==> flow/design.v <==
module u_add_sub_top #(
  parameter int NBITS = 40
) (
  input  logic sys_clk,
  input  logic resetn,
  input  logic [NBITS-1:0] rs1,
  input  logic [NBITS-1:0] rs2,
  input  logic minus,
  output logic [NBITS-1:0] d,
  output logic co
);
  logic [NBITS-1:0] rs1_q;
  always_ff @(posedge sys_clk or negedge resetn) begin
    if (!resetn) begin
      rs1_q <= 0;
    end else begin
      rs1_q <= rs1;
    end
  end
  logic [NBITS-1:0] rs2_q;
  always_ff @(posedge sys_clk or negedge resetn) begin
    if (!resetn) begin
      rs2_q <= 0;
    end else begin
      rs2_q <= rs2;
    end
  end
  logic minus_q;
  always_ff @(posedge sys_clk or negedge resetn) begin
    if (!resetn) begin
      minus_q <= 1'b0;
    end else begin
      minus_q <= minus;
    end
  end
  logic [NBITS-1:0] r;
  logic [NBITS:0] carry;
  assign carry[0] = minus_q;
  for (genvar gi = 0; gi < NBITS; gi++) begin : slice
    fa unit (.a(rs1_q[gi]), .b(rs2_q[gi] ^ minus_q), .ci(carry[gi]), .s(r[gi]), .co(carry[gi+1]));
  end
  always_ff @(posedge sys_clk or negedge resetn) begin
    if (!resetn) begin
      d <= 0;
    end else begin
      d <= r;
    end
  end
  always_ff @(posedge sys_clk or negedge resetn) begin
    if (!resetn) begin
      co <= 1'b0;
    end else begin
      co <= carry[NBITS];
    end
  end
endmodule
module fa (
  input logic a,
  input logic b,
  input logic ci,
  output logic s,
  output logic co
);
  assign s = a ^ b ^ ci;
  assign co = (a & b) | (ci & (a ^ b));
endmodule
Step by step through the tools: u_add_sub_top
What the tools print for u_add_sub_top, step after step. Line numbers count from 1 in the design file above. Cell names lack the library's common part. A cell with n/a has no value.

Top: u_add_sub_top. Clock: sys_clk. Library: sky130hd. Library corner: tt_025C_1v80.

Word-level counts
Counts by Yosys on the flattened word-level netlist (proc, flatten, opt, wreduce; memories kept). Register bits leave out memories and registers merged into their read ports (data or address); mux counts leave out enables and synchronous resets folded into registers. Print and check cells are left out. Cells with the same type and inputs are merged into one.

The figure for bitwise logic cells is 240.

Operators with widths (number): 1-bit XOR (120); 1-bit bitwise AND (80); 1-bit OR (40).

Under register bits stands 122. The figure for output and inout port bits is 41.

Longest topological paths
Depth = most cells in a row (Yosys ltp): at word level without a register or memory, in the mapped netlist without a sequential cell, where the memories' decode and read muxes count.

The figure for word-level depth is 82. The figure for ABC_AREA is 0. The figure for mapped depth is 45. Depth with buffers taken out: 43.

Mapped cells and area
Yosys stat after the flow's synthesis: flattened, memories mapped to cells. It holds for the ABC_AREA given above (unset counts as 0); a run with the other value may have another netlist. The area totals of this step are shown rounded.

For mapped cells the number is 284. The figure for flip-flop cells is 122. Cell area after synthesis: 4600 um2. The entry for buffers reads 5.

Cell types: dfrtp_1 (number 122, total area 3.05E+03 um2); fa_1 (number 39, total area 780.749 um2); xnor2_1 (number 37, total area 324.061 um2); inv_1 (number 77, total area 289.027 um2); buf_8 (number 3, total area 45.043 um2); xor2_1 (number 3, total area 26.275 um2); buf_12 (number 1, total area 20.019 um2); buf_6 (number 1, total area 11.261 um2); mux2i_1 (number 1, total area 10.01 um2).

By module: a second synthesis without flattening, with its own total; a netlist apart from the flattened one above.

The entry for cells (unflattened synthesis) reads 207. Area total of the unflattened synthesis: 4300 um2.

Rows give one instance, submodules left out.

By module: u_add_sub_top (instances 1, cells 167, seq. area 3100 um2, area 3500 um2); fa (instances 40, cells 1, seq. area 0.0 um2, area 20 um2).

Timing after synthesis
Path of least setup slack by OpenSTA after synthesis, without wires, with an ideal clock, recovery checks aside; 20% of the period is set as input and as output delay. Where synthesis merged equal registers, the netlist keeps one of their names.

Path kind: flip-flop to flip-flop. From: register minus_q. To: register d[39]. The figure for arrival is 16935 ps. The figure for stages on the path is 46. Delay of the path: 17070 ps. Clock period: 21300 ps. Setup time: 135 ps. For path slack the number is 4230 ps. For period reached after synthesis the number is 17070 ps.

"delay of the path" is the arrival time less input delay plus setup time. "stages on the path": output pins that drive a net of the path, with the launching flip-flop's if there is one; two outputs of one cell count as two. "period reached after synthesis" is the clock period less the worst setup slack; recovery checks do not enter. This is arithmetic on one report: input and output delays are still those of the set period (20% each). The rows between start and end are the longest chain of elaborated cells between them; the timing report does not say that the signal goes this way. Where chains are equally long, one stands for them. Each line given opens the expression or statement behind the cell; cells for indexed reads and writes are added by Yosys, which also makes memories of some case tables.

Path through: dfrtp_1 > buf_6 > buf_8 > xnor2_1 > fa_1 > fa_1 > fa_1 > fa_1 > fa_1 > fa_1 > fa_1 > fa_1 > inv_1 > fa_1 > inv_1 > fa_1 > fa_1 > fa_1 > [10 not listed] > fa_1 > fa_1 > fa_1 > fa_1 > fa_1 > fa_1 > fa_1 > fa_1 > fa_1 > fa_1 > fa_1 > fa_1 > fa_1 > fa_1 > fa_1 > fa_1 > inv_1 > fa_1. For cells in the longest elaborated chain the number is 81.

Ends and longest elaborated chain, after synthesis: from (decl) (RTL line 28) `logic minus_q;`; from (assign) (RTL line 31) `minus_q <= 1'b0;`; from (assign) (RTL line 33) `minus_q <= minus;`; 1-bit XOR (RTL line 40) `fa unit (.a(rs1_q[gi]), .b(rs2_q[gi] ^ minus_q), .ci(carry[gi]), .s(r[gi]), .co(carry[gi+1]));`; 1-bit XOR (RTL line 65) `assign co = (a & b) | (ci & (a ^ b));`; 1-bit bitwise AND (RTL line 65); 1-bit OR (RTL line 65); 1-bit bitwise AND (RTL line 65); 1-bit OR (RTL line 65); 1-bit bitwise AND (RTL line 65); [67 not listed]; 1-bit bitwise AND (RTL line 65); 1-bit OR (RTL line 65); 1-bit bitwise AND (RTL line 65); 1-bit OR (RTL line 65); 1-bit bitwise AND (RTL line 65); 1-bit OR (RTL line 65); 1-bit XOR (RTL line 64) `assign s = a ^ b ^ ci;`; to (assign) (RTL line 44) `d <= 0;`; to (assign) (RTL line 46) `d <= r;`; to (decl) (RTL line 9) `output logic [NBITS-1:0] d,`.

Timing after layout
From the final timing report of record 1: the path of least setup slack in the routed layout; clock arrival at registers is part of the times. The path's times are printed in steps of 10 ps; the period is the one set.

Path kind: flip-flop to flip-flop. From: register minus_q. To: register d[39]. Setup time: 130 ps. Clock period: 21300 ps. The figure for arrival is 17760 ps. The figure for stages on the path is 44. For path slack the number is 3810 ps.

The rows between start and end are the longest chain of elaborated cells between them; the timing report does not say that the signal goes this way. Where chains are equally long, one stands for them.

Path through: dfrtp_2 > buf_4 > xnor2_1 > fa_1 > fa_1 > fa_1 > fa_1 > fa_1 > fa_1 > fa_1 > inv_1 > fa_1 > inv_1 > fa_1 > fa_1 > fa_1 > fa_1 > fa_1 > [8 not listed] > fa_1 > fa_1 > fa_1 > fa_1 > fa_1 > fa_1 > fa_1 > fa_1 > fa_1 > fa_1 > fa_1 > fa_1 > fa_1 > fa_1 > fa_1 > fa_1 > inv_1 > fa_1. For cells in the longest elaborated chain the number is 81.

Ends and longest elaborated chain, post-layout: from (decl) (RTL line 28) `logic minus_q;`; from (assign) (RTL line 31) `minus_q <= 1'b0;`; from (assign) (RTL line 33) `minus_q <= minus;`; 1-bit XOR (RTL line 40) `fa unit (.a(rs1_q[gi]), .b(rs2_q[gi] ^ minus_q), .ci(carry[gi]), .s(r[gi]), .co(carry[gi+1]));`; 1-bit XOR (RTL line 65) `assign co = (a & b) | (ci & (a ^ b));`; 1-bit bitwise AND (RTL line 65); 1-bit OR (RTL line 65); 1-bit bitwise AND (RTL line 65); 1-bit OR (RTL line 65); 1-bit bitwise AND (RTL line 65); [67 not listed]; 1-bit bitwise AND (RTL line 65); 1-bit OR (RTL line 65); 1-bit bitwise AND (RTL line 65); 1-bit OR (RTL line 65); 1-bit bitwise AND (RTL line 65); 1-bit OR (RTL line 65); 1-bit XOR (RTL line 64) `assign s = a ^ b ^ ci;`; to (assign) (RTL line 44) `d <= 0;`; to (assign) (RTL line 46) `d <= r;`; to (decl) (RTL line 9) `output logic [NBITS-1:0] d,`.

--- measured runs ---
Measured results for u_add_sub_top: 3 stored runs of the Yosys and OpenROAD flow on sky130hd. The settings differ; the order carries no meaning. The constraints put input and output delay at 20% of the set period each and load the outputs with 0.01 pF. By "clock period achieved" is meant the clock period of the run minus its worst setup slack. This is arithmetic on one report: input and output delays are still those of the set period (20% each). "allowed time less slack (worst setup path)" means the part of the period allowed to the worst setup path (the constraints hold back 20% at inputs and 20% at outputs) less its slack; where the path has registers, the arrival times of their clocks count too. "total power of the final layout" is the tool's figure for a default switching activity; nothing was simulated. "allowed time less slack (worst setup path)" is given in steps of 10 ps. The results are shown rounded.

Files of record 1:
==> flow/run.sh <==
#!/bin/bash
# the make line also repeats the synthesis and layout settings of config.mk as NAME=value (left out here)
make -C /OpenROAD-flow-scripts/flow DESIGN_CONFIG=/design/flow/config.mk WORK_HOME=/design/flow/orfs CLKGATE_MAP_FILE= finish
==> flow/config.mk <==
export PLATFORM = sky130hd
export DESIGN_NAME = u_add_sub_top
export DESIGN_NICKNAME = u_add_sub_top
export VERILOG_FILES = /design/flow/design.v
export SDC_FILE = /design/flow/constraint.sdc
export NUM_CORES = 4
export LEC_CHECK = 0
export CAP_MARGIN = 20
export CORE_MARGIN = 2
export CORE_UTILIZATION = 40
export SLEW_MARGIN = 20
==> flow/constraint.sdc <==
create_clock -name core_clock -period 21.3 [get_ports {sys_clk}]
set_input_delay 4.2600 -clock core_clock [delete_from_list [all_inputs] [get_ports {sys_clk}]]
set_output_delay 4.2600 -clock core_clock [all_outputs]
set_load 0.01 [all_outputs]

Results of record 1. The measured clock period achieved is 17488 ps. The measured sum of negative setup slack is 0 ps. The allowed time less slack (worst setup path) is 17490 ps. Critical path kind: flip-flop to flip-flop. The measured die area is 12000 um2. The utilization is 0.59. The setup slack of the worst path comes to 3800 ps. The standard-cell area after routing stands at 6500 um2. The post-synthesis cell area is 4600 um2. For the total power of the final layout the run shows 0.00068 W. The worst hold slack stands at 470 ps.

Files of record 2:
==> flow/run.sh <==
#!/bin/bash
# the make line also repeats the synthesis and layout settings of config.mk as NAME=value (left out here)
make -C /OpenROAD-flow-scripts/flow DESIGN_CONFIG=/design/flow/config.mk WORK_HOME=/design/flow/orfs CLKGATE_MAP_FILE= finish
==> flow/config.mk <==
export PLATFORM = sky130hd
export DESIGN_NAME = u_add_sub_top
export DESIGN_NICKNAME = u_add_sub_top
export VERILOG_FILES = /design/flow/design.v
export SDC_FILE = /design/flow/constraint.sdc
export NUM_CORES = 4
export LEC_CHECK = 0
export ABC_AREA = 0
export CAP_MARGIN = 20
export CORE_MARGIN = 10
export CORE_UTILIZATION = 57
export PLACE_DENSITY_LB_ADDON = 0.25
export SLEW_MARGIN = 20
export TNS_END_PERCENT = 40
==> flow/constraint.sdc <==
create_clock -name core_clock -period 16.8 [get_ports {sys_clk}]
set_input_delay 3.3600 -clock core_clock [delete_from_list [all_inputs] [get_ports {sys_clk}]]
set_output_delay 3.3600 -clock core_clock [all_outputs]
set_load 0.01 [all_outputs]

Results of record 2. The measured clock period achieved is 16260 ps. The measured sum of negative setup slack is 0 ps. The allowed time less slack (worst setup path) is 16260 ps. Critical path kind: flip-flop to flip-flop. The measured die area is 12000 um2. The utilization is 0.84. The setup slack of the worst path comes to 540 ps. The standard-cell area after routing stands at 6500 um2. The post-synthesis cell area is 4600 um2. For the total power of the final layout the run shows 0.00088 W. The worst hold slack stands at 520 ps.

Files of record 3:
==> flow/run.sh <==
#!/bin/bash
# the make line also repeats the synthesis and layout settings of config.mk as NAME=value (left out here)
make -C /OpenROAD-flow-scripts/flow DESIGN_CONFIG=/design/flow/config.mk WORK_HOME=/design/flow/orfs CLKGATE_MAP_FILE= finish
==> flow/config.mk <==
export PLATFORM = sky130hd
export DESIGN_NAME = u_add_sub_top
export DESIGN_NICKNAME = u_add_sub_top
export VERILOG_FILES = /design/flow/design.v
export SDC_FILE = /design/flow/constraint.sdc
export NUM_CORES = 4
export LEC_CHECK = 0
export CAP_MARGIN = 10
export CELL_PAD_IN_SITES_DETAIL_PLACEMENT = 0
export CORE_ASPECT_RATIO = 0.87
export CORE_MARGIN = 2
export CORE_UTILIZATION = 31
export CTS_CLUSTER_DIAMETER = 177
export CTS_CLUSTER_SIZE = 55
export GPL_TIMING_DRIVEN = 1
export MAX_ROUTING_LAYER = met4
export SETUP_SLACK_MARGIN = -0.66
export SLEW_MARGIN = 5
==> flow/constraint.sdc <==
create_clock -name core_clock -period 12.1 [get_ports {sys_clk}]
set_input_delay 2.4200 -clock core_clock [delete_from_list [all_inputs] [get_ports {sys_clk}]]
set_output_delay 2.4200 -clock core_clock [all_outputs]
set_load 0.01 [all_outputs]

Results of record 3. The measured clock period achieved is 14837 ps. The measured sum of negative setup slack is -15000 ps. The allowed time less slack (worst setup path) is 14840 ps. Critical path kind: flip-flop to flip-flop. The measured die area is 16000 um2. The utilization is 0.46. The setup slack of the worst path comes to -2700 ps. The standard-cell area after routing stands at 6700 um2. The post-synthesis cell area is 4600 um2. For the total power of the final layout the run shows 0.0012 W. The worst hold slack stands at 530 ps.
--- end ---
